==> flow/design.v <==
module ex_scratch #(
    parameter D = 10,
    parameter DATA_WIDTH = 20,
    parameter RPORTS = 1,
    parameter WPORTS = 6,
    parameter ADDR_W = $clog2(D)
) (
    input logic ck,
    input logic [WPORTS-1:0] load_in,
    input logic [WPORTS*ADDR_W-1:0] wr_addr_in,
    input logic [WPORTS*DATA_WIDTH-1:0] din_in,
    input logic [RPORTS*ADDR_W-1:0] raddr_in,
    output logic [RPORTS*DATA_WIDTH-1:0] rd_out
);
    logic [DATA_WIDTH-1:0] store [0:D-1];
    always_ff @(posedge ck) begin
        for (int k = 0; k < WPORTS; k++)
            if (load_in[k]) store[wr_addr_in[k*ADDR_W +: ADDR_W]] <= din_in[k*DATA_WIDTH +: DATA_WIDTH];
    end
    logic [RPORTS*DATA_WIDTH-1:0] val;
    for (genvar gj = 0; gj < RPORTS; gj++) begin : row
        assign val[gj*DATA_WIDTH +: DATA_WIDTH] = store[raddr_in[gj*ADDR_W +: ADDR_W]];
    end
    always_ff @(posedge ck)
        rd_out <= val;
endmodule
**Step by step through the tools: ex_scratch**

What the tools print for ex_scratch, step after step.
Lines are those of the file above, counted from 1.
Operators: Yosys type, input widths -> output width; for muxes data width and select width s.
Library cell names are shortened.
Not given: n/a

- Top module: ex_scratch
- Clock port: ck
- Library: sky130hd
- Corner: tt_025C_1v80

**Elaborated design**

Counts by Yosys on the flattened word-level netlist (proc, flatten, opt, wreduce; memories kept). Register bits leave out memories and registers merged into their read ports (data or address); mux counts leave out enables and synchronous resets folded into registers. Print and check cells are left out. Cells with the same type and inputs are merged into one.
Memory sizes are those after Yosys's memory passes, which may raise the word count (mostly to a power of two), join words into wider ones and drop unused or constant bits.

- Register bits after elaboration: 0
- Bits in latches: 0
- RAM bits: 200
- ROM bits: 0
- Word width x clocked read ports: 20
- Memories: 1
- Input bits: 155
- Cells after elaboration: 19

Memories:

| memory | words | bits a word | rd ports | write ports | RTL line | text |
|---|---|---|---|---|---|---|
| store | 10 | 20 | 1 | 6 | 15 | `logic [DATA_WIDTH-1:0] store [0:D-1];` |

- Add/subtract/negate cells: 0
- Multiply operators: 0
- Div/mod/pow operators: 0
- Magnitude comparators: 0
- Equal/unequal tests: 0
- Shift-type cells: 0
- Multiplexer cells: 18
- Bitwise operators: 0
- Reduce/logical cells: 0

Operator list:

| cell | number |
|---|---|
| $mux 20 | 6 |
| $mux 4 | 6 |
| $mux 1 | 6 |

**Depth**

Yosys ltp: most cells in a row. Word level: on the elaborated netlist, between registers, memories and ports. Mapped: between sequential cells and ports; inverters and the memories' decode and read muxes count.

- Depth in word-level cells: 1
- ABC_AREA: 0
- Mapped depth: 8
- Depth with buffers taken out: 4

**Synthesis result**

Yosys stat after the flow's synthesis: flattened, memories mapped to cells. It holds for the ABC_AREA given above (unset counts as 0); a run with the other value may have another netlist.

- Cells in the netlist: 2304
- Cell area after synthesis: 19516.2 um^2
- Area of sequential cells: 6406.1 um^2
- Mapped flip-flops: 220
- Buffer cells: 344

Cell types:

| cell | number |
|---|---|
| edfxtp_1 | 200 |
| o22ai_1 | 231 |
| a31oi_1 | 166 |
| mux4_2 | 40 |
| nand2_1 | 230 |
| a21boi_0 | 100 |
| clkbuf_1 | 190 |
| a311o_1 | 69 |
| or3_1 | 106 |
| nor3_1 | 99 |
| o21ai_0 | 91 |
| o311ai_0 | 49 |
| dfxtp_1 | 20 |
| and3_1 | 61 |
| buf_2 | 64 |
| a21oi_1 | 63 |
| o211ai_1 | 39 |
| nand3_1 | 45 |

Other cell types: 48; their cells: 441.

**Timing after synthesis**

Source: OpenSTA report_checks on the synthesized netlist (no wires, ideal clock, input and output delay 20% of the period each), path of least setup slack; recovery checks are left aside. Register names are those of the netlist, which keeps one name where synthesis merged equal registers.

- Kind: in2reg
- Start point: input port wr_addr_in[7]
- End point: memory store[5][0]
- Period: 3.28 ns
- External input delay: 0.656 ns
- Setup time: 0.405 ns
- Launch time at the first pin: 0.656 ns
- Arrival time: 2.348 ns
- Data required time: 2.875 ns
- Path slack: 0.527 ns
- Delay of the path: 2.097 ns
- Stages: 4
- Path buffers: 2
- Synthesis period reached: 2.753 ns

"delay of the path" = arrival - input delay + setup time.
"stages": output pins that drive a net of the path, with the launching flip-flop's if there is one; two outputs of one cell count as two.
"synthesis period reached" is the clock period less the worst setup slack; recovery checks do not enter. This is arithmetic on one report: input and output delays are still those of the set period (20% each).
The rows between start and end are the longest chain of elaborated cells between them; the timing report does not say that the signal goes this way. Where chains are equally long, one stands for them.
A line is the first line of the expression or statement that the cell stems from. Yosys adds cells for indexed reads and writes and turns some case tables into memories.

- Cell sequence: nand3b_1 -> buf_2 -> buf_2 -> o2111ai_1
- Length of the longest elaborated chain: 1
- Elaborated cells between the ends (all ways): 1
- Source lines of those cells: 1
- Those cells by class: 1 x mux

RTL lines, path after synthesis:

| item | RTL line | text |
|---|---|---|
| start: declaration | 10 | `input logic [WPORTS*ADDR_W-1:0] wr_addr_in,` |
| $mux 4 | 18 | `if (load_in[k]) store[wr_addr_in[k*ADDR_W +: ADDR_W]] <= din_in[k*DATA_WIDTH +: DATA_WIDTH];` |
| end: declaration | 15 | `logic [DATA_WIDTH-1:0] store [0:D-1];` |

**Worst path after layout**

From the final timing report of flow run A: the path of least setup slack in the routed layout; clock arrival at registers is part of the times.

- Kind: in2reg
- Start point: input port load_in[3]
- End point: memory store[3][0]
- Period: 3.28 ns
- External input delay: 0.66 ns
- Setup time: 0.32 ns
- Launch time at the first pin: 0.66 ns
- Arrival time: 2.89 ns
- Data required time: 3.56 ns
- Path slack: 0.66 ns
- Stages: 6
- Path buffers: 2

The rows between start and end are the longest chain of elaborated cells between them; the timing report does not say that the signal goes this way. Where chains are equally long, one stands for them.
Only ways into the end's enable, where the timed path ends, are counted here.

- Cell sequence: clkdlybuf4s50_1 -> nor3b_2 -> nor2b_4 -> nor2_1 -> nand4_1 -> buf_4
- Length of the longest elaborated chain: 1
- Elaborated cells between the ends (all ways): 2
- Source lines of those cells: 1
- Those cells by class: 2 x mux

RTL lines, path post-layout:

| item | RTL line | text |
|---|---|---|
| start: declaration | 9 | `input logic [WPORTS-1:0] load_in,` |
| $mux 4 | 18 | `if (load_in[k]) store[wr_addr_in[k*ADDR_W +: ADDR_W]] <= din_in[k*DATA_WIDTH +: DATA_WIDTH];` |
| end: declaration | 15 | `logic [DATA_WIDTH-1:0] store [0:D-1];` |

FLOW RESULTS
============

ex_scratch through Yosys and OpenROAD on sky130hd: 3 stored runs, unordered, with their settings and measured results. The constraints put input and output delay at 20% of the set period each and load the outputs with 0.01 pF.
"achieved clock period" means the clock period less the worst setup slack. The figure is calculated, with input and output delays left at 20% of the set period.
"total design power": no workload was simulated; the value follows from the tool's default switching activity.
Among the settings, - means not set for that run.

| setting or result | flow run A | flow run B | flow run C |
|---|---|---|---|
| period_ns | 3.28 | 1.77 | 2.12 |
| CAP_MARGIN | 20 | 20 | 20 |
| CORE_MARGIN | 2 | 2 | 2 |
| CORE_UTILIZATION | 40 | 42 | 22 |
| SLEW_MARGIN | 20 | 35 | 25 |
| SETUP_SLACK_MARGIN | - | 0.11 | 0.0 |
| PLACE_DENSITY_LB_ADDON | - | 0.19 | - |
| CORE_ASPECT_RATIO | - | 1.78 | - |
| CELL_PAD_IN_SITES_DETAIL_PLACEMENT | - | 0 | - |
| ABC_AREA | - | 0 | - |
| GPL_ROUTABILITY_DRIVEN | - | 1 | - |
| CTS_CLUSTER_SIZE | - | 84 | 15 |
| CTS_CLUSTER_DIAMETER | - | 302 | - |
| MIN_ROUTING_LAYER | - | met1 | - |
| setup slack of the worst path (ns) | 0.662 | 0.093 | 0.011 |
| achieved clock period (ns) | 2.618 | 1.677 | 2.109 |
| total design power (uW) | 9364 | 14759 | 14866 |
| standard-cell area of the final layout (um^2) | 23388.7 | 28352.2 | 27830.4 |
| overall die area (um^2) | 50573.3 | 48279.4 | 91107.4 |
| synthesized cell area (um^2) | 19516.2 | 19516.2 | 19516.2 |
